==> flow/design.v <==
module switch #(
    parameter int DWIDTH = 2,
    parameter int LANES = 24,
    parameter int LOGN = $clog2(LANES)
) (
    input logic ck,
    input logic clr,
    input logic valid,
    input logic [LANES*DWIDTH-1:0] val,
    input logic [LOGN-1:0] choose,
    output logic [DWIDTH-1:0] data_out
);
    logic [LANES*DWIDTH-1:0] val_d1;
    logic [LOGN-1:0] choose_d1;
    always_ff @(posedge ck or posedge clr) begin
        if (clr) begin
            val_d1 <= 0;
            choose_d1 <= 0;
        end else if (valid) begin
            val_d1 <= val;
            choose_d1 <= choose;
        end
    end
    logic [DWIDTH-1:0] cur;
    always_comb begin
        cur = 0;
        for (int n = 0; n < LANES; n++)
            if (choose_d1 == n) cur = val_d1[n*DWIDTH +: DWIDTH];
    end
    always_ff @(posedge ck or posedge clr) begin
        if (clr) begin
            data_out <= 0;
        end else if (valid) begin
            data_out <= cur;
        end
    end
endmodule
From RTL to reports: switch --
What the tools print for switch, step after step. Line numbers count from 1 in the design file above. The mark - stands for no value.
Inputs: design top switch, clock port ck, library sky130hd, timing corner tt_025C_1v80

Word level --
Source: Yosys, flattened and elaborated, memories not mapped. Widths are those after wreduce; folded enables and synchronous resets count as part of the registers. Registers that Yosys merges into a memory's read port (data or address) are not register bits. Print and check cells do not count. Equal cells are merged and count once.
Operators by class: multiplexer cells 24, equality and inequality tests 23, reduce/logical cells 1
Operators with widths (count):
- 2-to-1 mux 2 bit | 24
- == test 5 x 4 -> 1 bit with constant B | 8
- == test 5 bit with constant B | 8
- == test 5 x 3 -> 1 bit with constant B | 4
- == test 5 x 2 -> 1 bit with constant B | 2
- == test 5 x 1 -> 1 bit with constant B | 1
- logical NOT 5 bit | 1
Bit counts: elaborated cells 51, register bits after elaboration 55, input port bits 56, output and inout bits 2

Logic depth --
Depth = most cells in a row (Yosys ltp): at word level without a register or memory, in the mapped netlist without a sequential cell, where the memories' decode and read muxes count.
Logic depth: word-level depth 25, ABC_AREA 1, depth in mapped cells 20, depth with buffers taken out 20

Synthesis result --
Yosys stat after the flow's synthesis: flattened, memories mapped to cells. It holds for the ABC_AREA given above (unset counts as 0); a run with the other value may have another netlist.
Cells by type:
- sky130_fd_sc_hd__dfrtp_1 | count 55, area in all 1376.32 um^2
- sky130_fd_sc_hd__nand2_1 | count 176, area in all 660.634 um^2
- sky130_fd_sc_hd__inv_1 | count 32, area in all 120.115 um^2
- sky130_fd_sc_hd__o21ai_0 | count 24, area in all 120.115 um^2
- sky130_fd_sc_hd__nand4_1 | count 13, area in all 81.328 um^2
- sky130_fd_sc_hd__nand3_1 | count 9, area in all 45.043 um^2
- sky130_fd_sc_hd__nor2_1 | count 12, area in all 45.043 um^2
- sky130_fd_sc_hd__nor3_1 | count 9, area in all 45.043 um^2
- sky130_fd_sc_hd__clkbuf_1 | count 11, area in all 41.29 um^2
- sky130_fd_sc_hd__nor2_4 | count 3, area in all 33.782 um^2
- sky130_fd_sc_hd__nor2_2 | count 4, area in all 25.024 um^2
- sky130_fd_sc_hd__inv_2 | count 6, area in all 22.522 um^2
- sky130_fd_sc_hd__a21oi_1 | count 4, area in all 20.019 um^2
- sky130_fd_sc_hd__buf_6 | count 1, area in all 11.261 um^2
- sky130_fd_sc_hd__clkinv_1 | count 2, area in all 7.507 um^2
- sky130_fd_sc_hd__o21bai_1 | count 1, area in all 7.507 um^2
- sky130_fd_sc_hd__inv_4 | count 1, area in all 6.256 um^2
- sky130_fd_sc_hd__nand2_2 | count 1, area in all 6.256 um^2
- sky130_fd_sc_hd__buf_2 | count 1, area in all 5.005 um^2
Synthesis totals: area of sequential cells 0.0013763 mm^2, mapped area 0.0026801 mm^2, standard cells after synthesis 365, buffers 13, mapped flip-flops 55

Timing after synthesis --
OpenSTA on the mapped netlist: ideal clock, no wires. The path of least setup slack (recovery checks aside). Input and output delay are each 20% of the period. Register names are those of the netlist, which keeps one name where synthesis merged equal registers.
Timing path post-synthesis: kind register -> register, from reg (name not given), to reg data_out[1], setup slack 0.427 ns, launch time at the first pin 0.000 ns, data required time 1.974 ns, period 2.09 ns, path buffers 0, arrival time 1.547 ns, stages on the path 21, library setup time 0.116 ns, path delay 1.663 ns, period reached after synthesis 1.663 ns
"path delay" = arrival - input delay + setup time. "stages on the path": output pins that drive a net of the path, with the launching flip-flop's if there is one; two outputs of one cell count as two. "period reached after synthesis" is the clock period less the worst setup slack; recovery checks do not enter. This is arithmetic on one report: input and output delays are still those of the set period (20% each). The rows between start and end are the longest chain of elaborated cells between them; the timing report does not say that the signal goes this way. Where chains are equally long, one stands for them. A line is the first line of the expression or statement that the cell stems from. Yosys adds cells for indexed reads and writes and turns some case tables into memories.
On the way, post-synthesis: path through sky130_fd_sc_hd__dfrtp_1 sky130_fd_sc_hd__inv_2 sky130_fd_sc_hd__nor2_2 sky130_fd_sc_hd__nand2_1 sky130_fd_sc_hd__clkinv_1 sky130_fd_sc_hd__nand2_1 sky130_fd_sc_hd__nand2_1 sky130_fd_sc_hd__inv_1 sky130_fd_sc_hd__nand4_1 sky130_fd_sc_hd__nand2_1 sky130_fd_sc_hd__nand3_1 sky130_fd_sc_hd__nand2_1 sky130_fd_sc_hd__nand3_1 sky130_fd_sc_hd__nand2_1 sky130_fd_sc_hd__nand3_1 sky130_fd_sc_hd__nand2_1 sky130_fd_sc_hd__nand4_1 sky130_fd_sc_hd__nand2_1 sky130_fd_sc_hd__nand4_1 sky130_fd_sc_hd__nand2_1 sky130_fd_sc_hd__nand2_1, length of the longest elaborated chain 25, elaborated cells on any way between the ends 48, source lines of those cells 1, those cells by class eq/ne: 23; mux: 24; reduce/logical: 1
Ends and longest elaborated chain, post-synthesis:
- start: declaration | RTL line 14
- start: assignment | RTL line 18
- start: assignment | RTL line 21
- logical NOT 5 bit | RTL line 28
- 2-to-1 mux 2 bit (24 in a row) | RTL line 28
- end: assignment | RTL line 32 | data_out <= 0;
- end: assignment | RTL line 34 | data_out <= cur;
- end: declaration | RTL line 11 | output logic [DWIDTH-1:0] data_out

Path in the finished layout --
Path of least setup slack in the final report of run 2 (OpenROAD, finished layout, wires in). Where an end is a register, its clock arrival counts in the times.
Timing path post-layout: kind register -> register, from reg (name not given), to reg data_out[0], path buffers 0, launch time at the first pin 0.32 ns, stages on the path 17, arrival time 2.49 ns, data required time 2.20 ns, library setup time 0.10 ns, setup slack -0.29 ns, period 1.98 ns
The rows between start and end are the longest chain of elaborated cells between them; the timing report does not say that the signal goes this way. Where chains are equally long, one stands for them.
On the way, post-layout: path through sky130_fd_sc_hd__dfrtp_2 sky130_fd_sc_hd__inv_2 sky130_fd_sc_hd__nor2_1 sky130_fd_sc_hd__nand4_1 sky130_fd_sc_hd__nand3_1 sky130_fd_sc_hd__nor2_1 sky130_fd_sc_hd__nand4_1 sky130_fd_sc_hd__nor2_1 sky130_fd_sc_hd__nand4_1 sky130_fd_sc_hd__nand2_1 sky130_fd_sc_hd__nand4_1 sky130_fd_sc_hd__nand2_1 sky130_fd_sc_hd__nand4_1 sky130_fd_sc_hd__nand2_1 sky130_fd_sc_hd__nand4_1 sky130_fd_sc_hd__nand2_1 sky130_fd_sc_hd__nand2_1, length of the longest elaborated chain 25, elaborated cells on any way between the ends 48, source lines of those cells 1, those cells by class eq/ne: 23; mux: 24; reduce/logical: 1
Ends and longest elaborated chain, post-layout:
- start: declaration | RTL line 14
- start: assignment | RTL line 18
- start: assignment | RTL line 21
- logical NOT 5 bit | RTL line 28
- 2-to-1 mux 2 bit (24 in a row) | RTL line 28
- end: assignment | RTL line 32 | data_out <= 0;
- end: assignment | RTL line 34 | data_out <= cur;
- end: declaration | RTL line 11 | output logic [DWIDTH-1:0] data_out

# Flow runs of switch

3 stored runs of switch in the flow (synthesis by Yosys, layout by OpenROAD, sky130hd cells), in arbitrary order. Constraints: input delay and output delay 20% of the set period each, output load 0.01 pF.
By "achieved clock period" is meant the clock period of the run minus its worst setup slack. This is arithmetic on one report: input and output delays are still those of the set period (20% each).
"critical setup path time" is the time allowed to the run's worst setup path (the clock period less input and output delay, where it has them) less its slack. Clock arrival times count: a late capture clock shortens it, a late launch clock lengthens it.
"total power after layout" is the tool's figure for a default switching activity; nothing was simulated.

* Run 1 | settings: period_ns 1.55; CORE_UTILIZATION 69; PLACE_DENSITY 0.66; CELL_PAD_IN_SITES_GLOBAL_PLACEMENT 1; CELL_PAD_IN_SITES_DETAIL_PLACEMENT 1; TNS_END_PERCENT 100; GPL_TIMING_DRIVEN 0; GPL_ROUTABILITY_DRIVEN 0; CAP_MARGIN 0; SLEW_MARGIN 35; CORE_MARGIN 2 | unfinished; error GPL-0301 in placement
* Run 2 | settings: period_ns 1.98; CORE_UTILIZATION 48; SETUP_SLACK_MARGIN 0.43; PLACE_DENSITY 0.4; CELL_PAD_IN_SITES_GLOBAL_PLACEMENT 0; CELL_PAD_IN_SITES_DETAIL_PLACEMENT 1; ABC_AREA 1; CTS_CLUSTER_DIAMETER 149; SLEW_MARGIN 35; MAX_ROUTING_LAYER met4; CAP_MARGIN 20; CORE_MARGIN 2 | results: achieved clock period 2.270 ns; critical setup path time 2.27 ns; critical path kind register -> register; overall die area 0.0061968 mm^2; total power after layout 0.002595 W; worst setup slack after layout -0.290 ns; utilization in the final report 64.6%; setup total negative slack -0.431 ns; standard-cell area of the final layout 0.0035109 mm^2; cell area after synthesis 0.0026801 mm^2
* Run 3 | settings: period_ns 2.09; CAP_MARGIN 20; CORE_MARGIN 2; CORE_UTILIZATION 40; SLEW_MARGIN 20 | results: overall die area 0.0077414 mm^2; standard-cell area of the final layout 0.0036485 mm^2; worst setup slack after layout 0.286 ns; critical setup path time 1.80 ns; critical path kind register -> register; setup total negative slack 0.000 ns; total power after layout 0.002543 W; achieved clock period 1.804 ns; utilization in the final report 53.7%; cell area after synthesis 0.0028215 mm^2
